==> flow/design.v <==
module ex_times_blk #(
  parameter DW = 48,
  parameter SCALE = 25,
  parameter RES_W = DW + $clog2(SCALE + 1)
) (
  input wire core_clk,
  input wire RSTN,
  input wire adv,
  input wire [DW-1:0] in_lhs,
  output reg [RES_W-1:0] out_prod
);
  reg [DW-1:0] lhs_d1;
  reg [RES_W-1:0] cur;
  integer t;
  always @(*) begin
    cur = 0;
    for (t = 0; t < RES_W - DW; t = t + 1)
      if ((SCALE >> t) & 1) cur = cur + (lhs_d1 << t);
  end
  always @(posedge core_clk) begin
    if (~RSTN) begin
      lhs_d1 <= 0;
      out_prod <= 0;
    end else if (adv) begin
      lhs_d1 <= in_lhs;
      out_prod <= cur;
    end
  end
endmodule
# [Tool chain data of ex_times_blk]
# Tool output for the design above, in the order of the flow.
# Line numbers count from 1 in the design file above.
# Operators: Yosys type, input widths -> output width; for muxes data width and select width s.
# Library cell names are shortened.
# A cell with - has no value.
[setup] top_module="ex_times_blk" clock="core_clk" lib="sky130hd" corner="tt_025C_1v80"

# [Word level]
# Yosys after proc, flatten, opt, wreduce and memory -nomap, before mapping. Enables and synchronous resets that opt folds into registers are not counted as muxes. Memory bits, and registers merged into a memory's read port (data or address), are not among the register bits. Print and check cells are not counted. Equal cells are merged and count once.
[word_totals] reg_bits=101 in_bits=51 output_inout_bits=53 elab_cells=4
[classes] n_addsub=2
[op_table] op="$add 52x52->53" n=1
[op_table] op="$add 48x51->52" n=1

# [Logic depth]
# Longest topological path by Yosys (ltp), each cell counted once; first at word level (registers and memories cut), then after technology mapping (sequential cells cut; the memories' decode and read muxes count).
[logic_depth] depth_word=2 ABC_AREA=0 mapped_depth=14 mapped_depth_nobuf=14

# [Synthesis result]
# Yosys stat after the flow's synthesis: flattened, memories mapped to cells. It holds for the ABC_AREA given above (unset counts as 0); a run with the other value may have another netlist.
# The area totals of this step are shown rounded.
[types] cell_type="dfxtp_1" n=101 type_area_um2=2.02E+03
[types] cell_type="fa_1" n=45 type_area_um2=900.864
[types] cell_type="mux2i_1" n=88 type_area_um2=880.845
[types] cell_type="ha_1" n=53 type_area_um2=663.136
[types] cell_type="nor2b_1" n=89 type_area_um2=556.784
[types] cell_type="a21oi_1" n=49 type_area_um2=245.235
[types] cell_type="xnor2_1" n=25 type_area_um2=218.96
[types] cell_type="a21o_1" n=23 type_area_um2=172.666
[types] cell_type="nand2_1" n=45 type_area_um2=168.912
[types] cell_type="xor2_1" n=15 type_area_um2=131.376
[types] cell_type="o21ai_0" n=22 type_area_um2=110.106
[types] cell_type="o21bai_1" n=13 type_area_um2=97.594
[types] cell_type="nor2_1" n=25 type_area_um2=93.84
[types] cell_type="clkbuf_1" n=24 type_area_um2=90.086
[types] cell_type="nand3_1" n=15 type_area_um2=75.072
[types] cell_type="nand4_1" n=12 type_area_um2=75.072
[types] cell_type="a31oi_1" n=9 type_area_um2=56.304
[types] cell_type="inv_1" n=15 type_area_um2=56.304
# Other cell types: 52; their cells: 129.
[synth_totals] stdcells=797 area_um2=7600 seq_area_um2=2000 flip_flops=101 n_buf=44

# [Worst setup path after synthesis]
# OpenSTA on the mapped netlist: ideal clock, no wires. The path of least setup slack (recovery checks aside). Input and output delay are each 20% of the period. Register names are those of the netlist, which keeps one name where synthesis merged equal registers.
[synth_timing] path_type="flip-flop to flip-flop" startpoint="register lhs_d1[4]" endpoint="register out_prod[48]" clock_period_ps=4260 setup_time_ps=122 t_first_pin_ps=0 arrival_time_ps=3286 required_ps=4138 slack_ps=852 path_delay_ps=3408 stages=15 n_path_buf=0 period_less_setup_slack_ps=3408
# "path_delay_ps" = arrival - input delay + setup time.
# "stages": output pins that drive a net of the path, with the launching flip-flop's if there is one; two outputs of one cell count as two.
# "period_less_setup_slack_ps" is the clock period less the worst setup slack; recovery checks do not enter. This is arithmetic on one report: input and output delays are still those of the set period (20% each).
# Between the ends stands the longest chain of elaborated cells between them, by number of cells; it is not shown to be the way that was timed. Of several equally long chains one is given.
# Each line given opens the expression or statement behind the cell; cells for indexed reads and writes are added by Yosys, which also makes memories of some case tables.
[synth_via] cell_sequence="dfxtp_1 -> inv_1 -> fa_1 -> inv_1 -> ha_1 -> fa_1 -> a21o_1 -> a31oi_1 -> o21ai_1 -> o2111ai_1 -> o221ai_1 -> o311a_1 -> o21ai_1 -> mux2i_1 -> a311o_1" elab_chain_len=2 cells_between=2 lines_between=1 cone_classes="add/sub: 2"
[synth_lines] element="from (decl)" line=12 text="reg [DW-1:0] lhs_d1;"
[synth_lines] element="from (assign)" line=22 text="lhs_d1 <= 0;"
[synth_lines] element="from (assign)" line=25 text="lhs_d1 <= in_lhs;"
[synth_lines] element="$add 48x51->52" line=18 text="if ((SCALE >> t) & 1) cur = cur + (lhs_d1 << t);"
[synth_lines] element="$add 52x52->53" line=18
[synth_lines] element="to (assign)" line=23 text="out_prod <= 0;"
[synth_lines] element="to (assign)" line=26 text="out_prod <= cur;"
[synth_lines] element="to (decl)" line=10 text="output reg [RES_W-1:0] out_prod"

# [Worst path after layout]
# From the final timing report of run 1: the path of least setup slack in the routed layout; clock arrival at registers is part of the times.
# The path's times are printed in steps of 10 ps; the period is the one set.
[layout_timing] path_type="flip-flop to flip-flop" startpoint="register lhs_d1[4]" endpoint="register out_prod[48]" clock_period_ps=2510 setup_time_ps=110 t_first_pin_ps=360 arrival_time_ps=3600 required_ps=2750 slack_ps=-850 stages=15 n_path_buf=0
# Between the ends stands the longest chain of elaborated cells between them, by number of cells; it is not shown to be the way that was timed. Of several equally long chains one is given.
[layout_via] cell_sequence="dfxtp_4 -> inv_2 -> fa_1 -> inv_1 -> ha_2 -> fa_2 -> a21o_1 -> a31oi_4 -> o21ai_2 -> o2111ai_2 -> o221ai_2 -> o311a_1 -> o21ai_1 -> mux2i_1 -> a311o_1" elab_chain_len=2 cells_between=2 lines_between=1 cone_classes="add/sub: 2"
[layout_lines] element="from (decl)" line=12 text="reg [DW-1:0] lhs_d1;"
[layout_lines] element="from (assign)" line=22 text="lhs_d1 <= 0;"
[layout_lines] element="from (assign)" line=25 text="lhs_d1 <= in_lhs;"
[layout_lines] element="$add 48x51->52" line=18 text="if ((SCALE >> t) & 1) cur = cur + (lhs_d1 << t);"
[layout_lines] element="$add 52x52->53" line=18
[layout_lines] element="to (assign)" line=23 text="out_prod <= 0;"
[layout_lines] element="to (assign)" line=26 text="out_prod <= cur;"
[layout_lines] element="to (decl)" line=10 text="output reg [RES_W-1:0] out_prod"

Top module ex_times_blk; platform sky130hd; tools Yosys and OpenROAD; 3 stored runs in no particular order. Input and output delays are each 20% of the period that was set; the output load is 0.01 pF.
"achieved_period_ps" is the run's clock period less its worst setup slack. It is reckoned from that one timing run; input and output delays stay at 20% of the period that was set.
"worst_path_ps" is the time allowed to the run's worst setup path (the clock period less input and output delay, where it has them) less its slack. Clock arrival times count: a late capture clock shortens it, a late launch clock lengthens it.
"worst_path_ps" is known to 10 ps.
Measured values are rounded.

[flow] run 1: files
==> flow/run.sh <==
#!/bin/bash
# the make line also repeats the synthesis and layout settings of config.mk as NAME=value (left out here)
make -C /OpenROAD-flow-scripts/flow DESIGN_CONFIG=/design/flow/config.mk WORK_HOME=/design/flow/orfs CLKGATE_MAP_FILE= finish
==> flow/config.mk <==
export PLATFORM = sky130hd
export DESIGN_NAME = ex_times_blk
export DESIGN_NICKNAME = ex_times_blk
export VERILOG_FILES = /design/flow/design.v
export SDC_FILE = /design/flow/constraint.sdc
export NUM_CORES = 4
export LEC_CHECK = 0
export CAP_MARGIN = 40
export CORE_MARGIN = 2
export CORE_UTILIZATION = 34
export CTS_CLUSTER_DIAMETER = 76
export CTS_CLUSTER_SIZE = 85
export GPL_ROUTABILITY_DRIVEN = 0
export HOLD_SLACK_MARGIN = 0.19
export MAX_ROUTING_LAYER = met5
export MIN_ROUTING_LAYER = met1
export PLACE_DENSITY = 0.39
export SETUP_SLACK_MARGIN = -0.1
export SLEW_MARGIN = 15
==> flow/constraint.sdc <==
create_clock -name core_clock -period 2.51 [get_ports {core_clk}]
set_input_delay 0.5020 -clock core_clock [delete_from_list [all_inputs] [get_ports {core_clk}]]
set_output_delay 0.5020 -clock core_clock [all_outputs]
set_load 0.01 [all_outputs]

[flow] run 1: metrics
[metrics] post_synth_area_um2 = 7600
[metrics] cell_area_final_um2 = 12000
[metrics] hold_worst_slack_ps = 460
[metrics] total_negative_slack_ps = -25000
[metrics] die_footprint_um2 = 24000
[metrics] achieved_period_ps = 3355
[metrics] worst_path_ps = 3360
[metrics] worst_path_kind = flip-flop to flip-flop
[metrics] final_setup_ws_ps = -850

[flow] run 2: files
==> flow/run.sh <==
#!/bin/bash
# the make line also repeats the synthesis and layout settings of config.mk as NAME=value (left out here)
make -C /OpenROAD-flow-scripts/flow DESIGN_CONFIG=/design/flow/config.mk WORK_HOME=/design/flow/orfs CLKGATE_MAP_FILE= finish
==> flow/config.mk <==
export PLATFORM = sky130hd
export DESIGN_NAME = ex_times_blk
export DESIGN_NICKNAME = ex_times_blk
export VERILOG_FILES = /design/flow/design.v
export SDC_FILE = /design/flow/constraint.sdc
export NUM_CORES = 4
export LEC_CHECK = 0
export CAP_MARGIN = 20
export CELL_PAD_IN_SITES_GLOBAL_PLACEMENT = 2
export CORE_MARGIN = 2
export CORE_UTILIZATION = 15
export CTS_CLUSTER_DIAMETER = 178
export GPL_TIMING_DRIVEN = 1
export MIN_ROUTING_LAYER = met1
export PLACE_DENSITY_LB_ADDON = 0.15
export SLEW_MARGIN = 10
export TNS_END_PERCENT = 15
==> flow/constraint.sdc <==
create_clock -name core_clock -period 3.96 [get_ports {core_clk}]
set_input_delay 0.7920 -clock core_clock [delete_from_list [all_inputs] [get_ports {core_clk}]]
set_output_delay 0.7920 -clock core_clock [all_outputs]
set_load 0.01 [all_outputs]

[flow] run 2: metrics
[metrics] final_setup_ws_ps = 300
[metrics] achieved_period_ps = 3664
[metrics] die_footprint_um2 = 52000
[metrics] post_synth_area_um2 = 7600
[metrics] total_negative_slack_ps = 0
[metrics] cell_area_final_um2 = 9800
[metrics] worst_path_ps = 3660
[metrics] worst_path_kind = flip-flop to flip-flop
[metrics] hold_worst_slack_ps = 480

[flow] run 3: files
==> flow/run.sh <==
#!/bin/bash
# the make line also repeats the synthesis and layout settings of config.mk as NAME=value (left out here)
make -C /OpenROAD-flow-scripts/flow DESIGN_CONFIG=/design/flow/config.mk WORK_HOME=/design/flow/orfs CLKGATE_MAP_FILE= finish
==> flow/config.mk <==
export PLATFORM = sky130hd
export DESIGN_NAME = ex_times_blk
export DESIGN_NICKNAME = ex_times_blk
export VERILOG_FILES = /design/flow/design.v
export SDC_FILE = /design/flow/constraint.sdc
export NUM_CORES = 4
export LEC_CHECK = 0
export CAP_MARGIN = 20
export CORE_MARGIN = 2
export CORE_UTILIZATION = 40
export SLEW_MARGIN = 20
==> flow/constraint.sdc <==
create_clock -name core_clock -period 4.26 [get_ports {core_clk}]
set_input_delay 0.8520 -clock core_clock [delete_from_list [all_inputs] [get_ports {core_clk}]]
set_output_delay 0.8520 -clock core_clock [all_outputs]
set_load 0.01 [all_outputs]

[flow] run 3: metrics
[metrics] die_footprint_um2 = 20000
[metrics] worst_path_ps = 3750
[metrics] worst_path_kind = flip-flop to flip-flop
[metrics] total_negative_slack_ps = 0
[metrics] hold_worst_slack_ps = 460
[metrics] post_synth_area_um2 = 7600
[metrics] achieved_period_ps = 3751
[metrics] final_setup_ws_ps = 510
[metrics] cell_area_final_um2 = 9000
